==> flow/design.v <==
module sh_core_v2 #(
    parameter NBITS = 48,
    parameter SEL_W = $clog2(NBITS)
) (
    input logic clk_i,
    input logic rst_ni,
    input logic clk_en,
    input logic [NBITS-1:0] ch,
    input logic [SEL_W-1:0] shamt,
    output logic [NBITS-1:0] data_out
);
    always_ff @(posedge clk_i) begin
        if (~rst_ni) begin
            data_out <= 0;
        end else if (clk_en) begin
            data_out <= (ch << shamt) | (ch >> (NBITS - shamt));
        end
    end
endmodule
## Reports on sh_core_v2

The steps from the RTL of sh_core_v2 to its reports follow in flow order.
Lines are those of the file above, counted from 1.
Cell names lack the library's common part.
The mark - stands for no value.

| set-up | value |
|---|---|
| design top | sh_core_v2 |
| clock input | clk_i |
| cell library | sky130hd |
| timing corner | tt_025C_1v80 |

## Word level

Yosys after proc, flatten, opt, wreduce and memory -nomap, before mapping. Enables and synchronous resets that opt folds into registers are not counted as muxes. Memory bits, and registers merged into a memory's read port (data or address), are not among the register bits. Print and check cells are not counted. Equal cells are merged and count once.

| word-level totals | value |
|---|---|
| flip-flop bits (word level) | 48 |
| output and inout bits | 48 |
| elaborated cells | 5 |

| cells by class | value |
|---|---|
| add/subtract/negate cells | 1 |
| shift-type cells | 2 |
| bitwise logic cells | 1 |

Operators with widths:

| operator | number |
|---|---|
| 48-bit by 32-bit >> shifter with 48-bit output | 1 |
| 48-bit OR | 1 |
| 48-bit by 6-bit left shift with 48-bit output | 1 |
| 6-bit by 6-bit subtractor with 7-bit output (first input constant) | 1 |

## Longest topological paths

Longest topological path by Yosys (ltp), each cell counted once; first at word level (registers and memories cut), then after technology mapping (sequential cells cut; the memories' decode and read muxes count).

| depth | value |
|---|---|
| word-level depth | 3 |
| ABC_AREA | 0 |
| gate-level depth with buffers | 16 |

## Netlist

Yosys stat after the flow's synthesis: flattened, memories mapped to cells. It holds for the ABC_AREA given above (unset counts as 0); a run with the other value may have another netlist.
Totals and module areas in this step are rounded.

| mapped netlist | value |
|---|---|
| mapped cells | 866 |
| mapped area | 8,100 µm² |
| area of sequential cells | 961 µm² |
| mapped flip-flops | 48 |
| buffers | 94 |

Cell types:

| type | number | total area (µm²) |
|---|---|---|
| mux4_2 | 85 | 1.91E+03 |
| dfxtp_1 | 48 | 960.922 |
| mux2i_1 | 84 | 840.806 |
| mux2_2 | 33 | 371.606 |
| nand2_1 | 80 | 300.288 |
| o21ai_0 | 50 | 250.24 |
| a21oi_1 | 44 | 220.211 |
| mux4_1 | 8 | 210.202 |
| a22oi_1 | 24 | 180.173 |
| buf_2 | 35 | 175.168 |
| nor2_1 | 44 | 165.158 |
| buf_6 | 14 | 157.651 |
| a31oi_1 | 23 | 143.888 |
| o22ai_1 | 23 | 143.888 |
| a211oi_1 | 19 | 142.637 |
| o221ai_1 | 14 | 122.618 |
| buf_4 | 15 | 112.608 |
| clkbuf_1 | 28 | 105.101 |

Other cell types: 60; their cells: 195.

## Worst setup path after synthesis

Source: OpenSTA report_checks on the synthesized netlist (no wires, ideal clock, input and output delay 20% of the period each), path of least setup slack; recovery checks are left aside. Register names are those of the netlist, which keeps one name where synthesis merged equal registers.

| path post-synthesis | value |
|---|---|
| path kind | input -> register |
| from | in shamt[0] |
| to | reg data_out[22] |
| clock period | 4.51 ns |
| external input delay | 0.902 ns |
| library setup time | 0.117 ns |
| launch time at the first pin | 0.902 ns |
| arrival time | 3.669 ns |
| slack | 0.724 ns |
| delay of the path | 2.884 ns |
| stages | 14 |
| path buffers | 7 |
| period reached after synthesis | 3.786 ns |

"delay of the path" = arrival - input delay + setup time.
"stages" counts driving pins, that of a launching flip-flop among them; a cell with two outputs on the path counts twice.
"period reached after synthesis" = period - worst setup slack (recovery checks aside). The figure is calculated, with input and output delays left at 20% of the set period.
The rows between start and end are the longest chain of elaborated cells between them; the timing report does not say that the signal goes this way. Where chains are equally long, one stands for them.
Each line given opens the expression or statement behind the cell; cells for indexed reads and writes are added by Yosys, which also makes memories of some case tables.

| on the way, post-synthesis | value |
|---|---|
| cells stage by stage | buf_6 > buf_6 > inv_4 > buf_4 > buf_2 > buf_4 > ha_1 > buf_4 > buf_4 > mux4_2 > a22o_1 > mux4_2 > a21oi_1 > nor2_1 |
| length of the longest elaborated chain | 3 |
| elaborated cells between the ends (all ways) | 4 |
| classes of those cells | add/sub (1); shift (2); logic (1) |

RTL lines, path post-synthesis:

| element | line | RTL |
|---|---|---|
| start, declared | 9 | `input logic [SEL_W-1:0] shamt,` |
| 6-bit by 6-bit subtractor with 7-bit output | 16 | `data_out <= (ch << shamt) \| (ch >> (NBITS - shamt));` |
| 48-bit by 32-bit >> shifter with 48-bit output | 16 |  |
| 48-bit OR | 16 |  |
| end, assigned | 14 | `data_out <= 0;` |
| end, assigned | 16 |  |
| end, declared | 10 | `output logic [NBITS-1:0] data_out` |

## Path in the finished layout

From the final timing report of run 1: the path of least setup slack in the routed layout; clock arrival at registers is part of the times.

| path post-layout | value |
|---|---|
| path kind | input -> register |
| from | in shamt[4] |
| to | reg data_out[32] |
| clock period | 4.51 ns |
| external input delay | 0.90 ns |
| library setup time | 0.10 ns |
| launch time at the first pin | 0.90 ns |
| arrival time | 3.78 ns |
| slack | 0.93 ns |
| stages | 8 |
| path buffers | 2 |

The rows between start and end are the longest chain of elaborated cells between them; the timing report does not say that the signal goes this way. Where chains are equally long, one stands for them.

| on the way, post-layout | value |
|---|---|
| cells stage by stage | clkdlybuf4s50_1 > nand2_1 > o21a_1 > buf_4 > a22o_1 > o21ai_1 > o221ai_1 > o221a_1 |
| length of the longest elaborated chain | 3 |
| elaborated cells between the ends (all ways) | 4 |
| classes of those cells | add/sub (1); shift (2); logic (1) |

RTL lines, path post-layout:

| element | line | RTL |
|---|---|---|
| start, declared | 9 | `input logic [SEL_W-1:0] shamt,` |
| 6-bit by 6-bit subtractor with 7-bit output | 16 | `data_out <= (ch << shamt) \| (ch >> (NBITS - shamt));` |
| 48-bit by 32-bit >> shifter with 48-bit output | 16 |  |
| 48-bit OR | 16 |  |
| end, assigned | 14 | `data_out <= 0;` |
| end, assigned | 16 |  |
| end, declared | 10 | `output logic [NBITS-1:0] data_out` |

Memo
Re: implementation data of sh_core_v2

3 stored runs of sh_core_v2 in the flow (synthesis by Yosys, layout by OpenROAD, sky130hd cells), in arbitrary order. Constraints: input delay and output delay 20% of the set period each, output load 0.01 pF.
By "period achieved" is meant the clock period of the run minus its worst setup slack. This is arithmetic on one report: input and output delays are still those of the set period (20% each).
"allowed time less slack (worst setup path)": the worst setup path's part of the clock period (all of it between registers, 20% less for each end at a port) less its slack. A launch clock that arrives late makes it longer, a capture clock that arrives late makes it shorter.
"total power of the final layout": no workload was simulated; the value follows from the tool's default switching activity.
Values from the reports are rounded here.
Among the settings, - means not set for that run.
Among the results, - means that no value is shown for the run.

| setting or result | run 1 | run 2 | run 3 |
|---|---|---|---|
| period_ns | 4.51 | 6.3 | 3.29 |
| CAP_MARGIN | 20 | 20 | 20 |
| CORE_MARGIN | 2 | 2 | 2 |
| CORE_UTILIZATION | 40 | 47 | 56 |
| SLEW_MARGIN | 20 | 20 | 0 |
| CORE_ASPECT_RATIO | - | 0.54 | - |
| CELL_PAD_IN_SITES_DETAIL_PLACEMENT | - | 2 | - |
| TNS_END_PERCENT | - | 30 | - |
| CTS_CLUSTER_SIZE | - | 69 | - |
| MAX_ROUTING_LAYER | - | met4 | - |
| SETUP_SLACK_MARGIN | - | - | -0.1 |
| PLACE_DENSITY_LB_ADDON | - | - | 0.18 |
| GPL_TIMING_DRIVEN | - | - | 1 |
| GPL_ROUTABILITY_DRIVEN | - | - | 0 |
| MIN_ROUTING_LAYER | - | - | met2 |
| total negative setup slack (ns) | 0.000 | 0.000 | - |
| worst hold slack in the final report (ns) | 0.518 | 0.532 | - |
| total die area (µm²) | 21,400 | 18,400 | - |
| chip area in the Yosys report (µm²) | 8,100 | 8,100 | - |
| utilization after layout (%) | 47.5 | 54.8 | - |
| setup slack of the worst path (ns) | 0.928 | 0.908 | - |
| period achieved (ns) | 3.582 | 5.392 | - |
| allowed time less slack (worst setup path) (ns) | 2.68 | 4.13 | - |
| worst setup path type | input -> register | input -> register | - |
| standard-cell area after layout (µm²) | 9,520 | 9,280 | - |
| total power of the final layout (mW) | 2.26 | 1.82 | - |

Run 3: stopped before the end: routing reported GRT-0116
